==> flow/design.v <==
module storage_rtl #(
    parameter integer ENTRIES = 10,
    parameter integer DATA_WIDTH = 4,
    parameter integer AWIDTH = $clog2(ENTRIES)
) (
    input  sys_clk,
    input  clr,
    input  wr_en,
    input  [AWIDTH-1:0] waddr,
    input  [DATA_WIDTH-1:0] wd,
    input  [AWIDTH-1:0] raddr_a,
    input  [AWIDTH-1:0] raddr_b,
    output [DATA_WIDTH-1:0] dout_a,
    output [DATA_WIDTH-1:0] dout_b
);
    reg wr_en_r;
    always @(posedge sys_clk) begin
        if (clr) begin
            wr_en_r <= 1'b0;
        end else begin
            wr_en_r <= wr_en;
        end
    end
    reg [AWIDTH-1:0] waddr_r;
    always @(posedge sys_clk) begin
        if (clr) begin
            waddr_r <= 0;
        end else begin
            waddr_r <= waddr;
        end
    end
    reg [DATA_WIDTH-1:0] wd_r;
    always @(posedge sys_clk) begin
        if (clr) begin
            wd_r <= 0;
        end else begin
            wd_r <= wd;
        end
    end
    reg [DATA_WIDTH-1:0] bank [0:ENTRIES-1];
    always @(posedge sys_clk) begin
        if (wr_en_r)
            bank[waddr_r] <= wd_r;
    end
    reg [AWIDTH-1:0] raddr_a_r;
    always @(posedge sys_clk) begin
        if (clr) begin
            raddr_a_r <= 0;
        end else begin
            raddr_a_r <= raddr_a;
        end
    end
    reg [AWIDTH-1:0] raddr_b_r;
    always @(posedge sys_clk) begin
        if (clr) begin
            raddr_b_r <= 0;
        end else begin
            raddr_b_r <= raddr_b;
        end
    end
    reg [DATA_WIDTH-1:0] dout_a_r;
    always @(posedge sys_clk) begin
        if (clr) begin
            dout_a_r <= 0;
        end else begin
            dout_a_r <= (wr_en_r && waddr_r == raddr_a_r) ? wd_r : bank[raddr_a_r];
        end
    end
    assign dout_a = dout_a_r;
    reg [DATA_WIDTH-1:0] dout_b_r;
    always @(posedge sys_clk) begin
        if (clr) begin
            dout_b_r <= 0;
        end else begin
            dout_b_r <= (wr_en_r && waddr_r == raddr_b_r) ? wd_r : bank[raddr_b_r];
        end
    end
    assign dout_b = dout_b_r;
endmodule
# From RTL to reports: storage_rtl

The steps from the RTL of storage_rtl to its reports follow in flow order.
Line numbers count from 1 in the design file above.
Library cell names are shortened.
The mark -- stands for no value.

Top: storage_rtl
Clock port: sys_clk
Cell library: sky130hd
Library corner: tt_025C_1v80

# Word level

Yosys after proc, flatten, opt, wreduce and memory -nomap, before mapping. Enables and synchronous resets that opt folds into registers are not counted as muxes. Memory bits, and registers merged into a memory's read port (data or address), are not among the register bits. Print and check cells are not counted. Equal cells are merged and count once.
Yosys's memory passes give these memory sizes; they may raise the number of words (mostly to a power of two), join words into wider ones and drop unused or constant bits.

Clocked read ports x word width: 8
Bits in writable memories: 40
Memories: 1
Output and inout bits: 8
Register bits after elaboration: 17

Memories:

| memory | words | bits a word | rd ports | wr ports | RTL line | text |
| bank   | 10    | 4           | 2        | 1        | 40       | `reg [DATA_WIDTH-1:0] bank [0:ENTRIES-1];` |

Multiplexer cells: 3

Operators by type and width:

| kind              | count |
| 4-bit two-way mux | 2 |
| 1-bit two-way mux | 1 |

# Longest topological paths

Depth = most cells in a row (Yosys ltp): at word level without a register or memory, in the mapped netlist without a sequential cell, where the memories' decode and read muxes count.

Depth in word-level cells: 1
ABC_AREA: 0
Depth in mapped cells: 6
Depth with buffers taken out: 4

# After synthesis

Yosys stat after the flow's synthesis: flattened, memories mapped to cells. It holds for the ABC_AREA given above (unset counts as 0); a run with the other value may have another netlist.
Totals and module areas in this step are rounded.

Cells by type:

| cell type | count | area in all (µm²) |
| edfxtp_1  | 40    | 1.2E+03 |
| dfxtp_1   | 25    | 500.48 |
| mux4_2    | 8     | 180.173 |
| mux2i_1   | 12    | 120.115 |
| nor2b_1   | 19    | 118.864 |
| mux4_1    | 4     | 105.101 |
| mux2_2    | 6     | 67.565 |
| o221ai_1  | 6     | 52.55 |
| xor2_1    | 6     | 52.55 |
| a22oi_1   | 6     | 45.043 |
| nor2_1    | 9     | 33.782 |
| nand3_1   | 6     | 30.029 |
| buf_2     | 5     | 25.024 |
| nor3_1    | 5     | 25.024 |
| o21ai_0   | 5     | 25.024 |
| buf_6     | 2     | 22.522 |
| nand4b_1  | 2     | 17.517 |
| xnor2_1   | 2     | 17.517 |

Not listed: further types 15, cells in them 28.

Mapped cells: 196
Buffer cells: 14
Synthesis area: 2820 µm²
Flip-flop cells: 65

# Worst setup path after synthesis

OpenSTA on the mapped netlist: ideal clock, no wires. The path of least setup slack (recovery checks aside). Input and output delay are each 20% of the period. Register names are those of the netlist, which keeps one name where synthesis merged equal registers.

Path kind: reg-to-reg
Start point: reg raddr_b_r[1]
End point: reg dout_b_r[3]
Arrival time: 1597 ps
Time at the first pin: 0 ps
Stages: 6
Delay of the path: 1729 ps
Clock period: 2160 ps
Setup slack: 431 ps
Synthesis period reached: 1729 ps

"delay of the path" is the arrival time less input delay plus setup time.
"stages" counts driving pins, that of a launching flip-flop among them; a cell with two outputs on the path counts twice.
"synthesis period reached" is the clock period less the worst setup slack; recovery checks do not enter. This is arithmetic on one report: input and output delays are still those of the set period (20% each).

Cell sequence: dfxtp_1 -> buf_6 -> mux4_1 -> mux4_2 -> a21bo_4 -> a21oi_1

Ends and longest elaborated chain, after synthesis:

| item            | RTL line | text |
| start, declared | 53       | `reg [AWIDTH-1:0] raddr_b_r;` |
| start, assigned | 56       | `raddr_b_r <= 0;` |
| start, assigned | 58       | `raddr_b_r <= raddr_b;` |
| end, declared   | 70       | `reg [DATA_WIDTH-1:0] dout_b_r;` |

Chain of elaborated cells between the ends: none given.

# Path in the finished layout

Path of least setup slack in the final report of stored run 1 (OpenROAD, finished layout, wires in). Where an end is a register, its clock arrival counts in the times.
The report prints the path's times to 10 ps; the period is as set.

Path kind: reg-to-reg
Start point: reg raddr_a_r[1]
End point: reg dout_a_r[1]
Arrival time: 2100 ps
Setup slack: 120 ps
Stages: 5
Clock period: 1990 ps
Time at the first pin: 340 ps

Cell sequence: dfxtp_1 -> mux4_1 -> mux4_2 -> a21bo_1 -> a21oi_1

Ends and longest elaborated chain, post-layout:

| item            | RTL line | text |
| start, declared | 45       | `reg [AWIDTH-1:0] raddr_a_r;` |
| start, assigned | 48       | `raddr_a_r <= 0;` |
| start, assigned | 50       | `raddr_a_r <= raddr_a;` |
| end, declared   | 61       | `reg [DATA_WIDTH-1:0] dout_a_r;` |

Chain of elaborated cells between the ends: none given.

==> runs of storage_rtl <==
Top module storage_rtl; platform sky130hd; tools Yosys and OpenROAD; 3 stored runs in no particular order. Input and output delays are each 20% of the period that was set; the output load is 0.01 pF.
"clock period achieved" means the clock period less the worst setup slack. The figure is calculated, with input and output delays left at 20% of the set period.
By "critical setup path time" is meant the share of the clock period that the worst setup path is allowed (20% is reserved at inputs, 20% at outputs), minus its slack. Clock arrival times at its registers enter into it.
"power consumption" rests on the timing tool's default activity at the inputs, not on a simulated workload.
"critical setup path time" is given in steps of 10 ps.
Measured values are rounded.

## Stored run 1

==> flow/run.sh <==
#!/bin/bash
# the make line also repeats the synthesis and layout settings of config.mk as NAME=value (left out here)
make -C /OpenROAD-flow-scripts/flow DESIGN_CONFIG=/design/flow/config.mk WORK_HOME=/design/flow/orfs CLKGATE_MAP_FILE= finish
==> flow/config.mk <==
export PLATFORM = sky130hd
export DESIGN_NAME = storage_rtl
export DESIGN_NICKNAME = storage_rtl
export VERILOG_FILES = /design/flow/design.v
export SDC_FILE = /design/flow/constraint.sdc
export NUM_CORES = 4
export LEC_CHECK = 0
export CAP_MARGIN = 20
export CORE_ASPECT_RATIO = 0.63
export CORE_MARGIN = 2
export CORE_UTILIZATION = 67
export CTS_CLUSTER_SIZE = 19
export GPL_ROUTABILITY_DRIVEN = 0
export MIN_ROUTING_LAYER = met1
export SLEW_MARGIN = 20
export TNS_END_PERCENT = 95
==> flow/constraint.sdc <==
create_clock -name core_clock -period 1.99 [get_ports {sys_clk}]
set_input_delay 0.3980 -clock core_clock [delete_from_list [all_inputs] [get_ports {sys_clk}]]
set_output_delay 0.3980 -clock core_clock [all_outputs]
set_load 0.01 [all_outputs]

| result of stored run 1 | value |
|---|---|
| Yosys chip area after synthesis | 2820 µm² |
| die size | 4760 µm² |
| std-cell area (final layout) | 3340 µm² |
| utilization after layout | 83.8% |
| worst slack on setup checks | 124 ps |
| post-route setup TNS | 0 ps |
| post-route worst hold slack | 598 ps |
| power consumption | 0.00293 W |
| clock period achieved | 1866 ps |
| critical setup path time | 1870 ps |
| worst setup path type | reg-to-reg |

## Stored run 2

==> flow/run.sh <==
#!/bin/bash
# the make line also repeats the synthesis and layout settings of config.mk as NAME=value (left out here)
make -C /OpenROAD-flow-scripts/flow DESIGN_CONFIG=/design/flow/config.mk WORK_HOME=/design/flow/orfs CLKGATE_MAP_FILE= finish
==> flow/config.mk <==
export PLATFORM = sky130hd
export DESIGN_NAME = storage_rtl
export DESIGN_NICKNAME = storage_rtl
export VERILOG_FILES = /design/flow/design.v
export SDC_FILE = /design/flow/constraint.sdc
export NUM_CORES = 4
export LEC_CHECK = 0
export ABC_AREA = 0
export CAP_MARGIN = 25
export CELL_PAD_IN_SITES_GLOBAL_PLACEMENT = 2
export CORE_MARGIN = 2
export CORE_UTILIZATION = 26
export CTS_CLUSTER_DIAMETER = 128
export GPL_ROUTABILITY_DRIVEN = 1
export GPL_TIMING_DRIVEN = 1
export PLACE_DENSITY_LB_ADDON = 0.11
export SETUP_SLACK_MARGIN = 0.19
export SLEW_MARGIN = 15
export TNS_END_PERCENT = 40
==> flow/constraint.sdc <==
create_clock -name core_clock -period 1.54 [get_ports {sys_clk}]
set_input_delay 0.3080 -clock core_clock [delete_from_list [all_inputs] [get_ports {sys_clk}]]
set_output_delay 0.3080 -clock core_clock [all_outputs]
set_load 0.01 [all_outputs]

| result of stored run 2 | value |
|---|---|
| Yosys chip area after synthesis | 2820 µm² |
| die size | 11700 µm² |
| std-cell area (final layout) | 3940 µm² |
| utilization after layout | 36.9% |
| worst slack on setup checks | -164 ps |
| post-route setup TNS | -313 ps |
| post-route worst hold slack | 498 ps |
| power consumption | 0.00391 W |
| clock period achieved | 1704 ps |
| critical setup path time | 1700 ps |
| worst setup path type | reg-to-reg |

## Stored run 3

==> flow/run.sh <==
#!/bin/bash
# the make line also repeats the synthesis and layout settings of config.mk as NAME=value (left out here)
make -C /OpenROAD-flow-scripts/flow DESIGN_CONFIG=/design/flow/config.mk WORK_HOME=/design/flow/orfs CLKGATE_MAP_FILE= finish
==> flow/config.mk <==
export PLATFORM = sky130hd
export DESIGN_NAME = storage_rtl
export DESIGN_NICKNAME = storage_rtl
export VERILOG_FILES = /design/flow/design.v
export SDC_FILE = /design/flow/constraint.sdc
export NUM_CORES = 4
export LEC_CHECK = 0
export CAP_MARGIN = 20
export CORE_MARGIN = 2
export CORE_UTILIZATION = 40
export SLEW_MARGIN = 20
==> flow/constraint.sdc <==
create_clock -name core_clock -period 2.16 [get_ports {sys_clk}]
set_input_delay 0.4320 -clock core_clock [delete_from_list [all_inputs] [get_ports {sys_clk}]]
set_output_delay 0.4320 -clock core_clock [all_outputs]
set_load 0.01 [all_outputs]

| result of stored run 3 | value |
|---|---|
| Yosys chip area after synthesis | 2820 µm² |
| die size | 7750 µm² |
| std-cell area (final layout) | 3340 µm² |
| utilization after layout | 49.0% |
| worst slack on setup checks | 278 ps |
| post-route setup TNS | 0 ps |
| post-route worst hold slack | 641 ps |
| power consumption | 0.00251 W |
| clock period achieved | 1882 ps |
| critical setup path time | 1880 ps |
| worst setup path type | reg-to-reg |
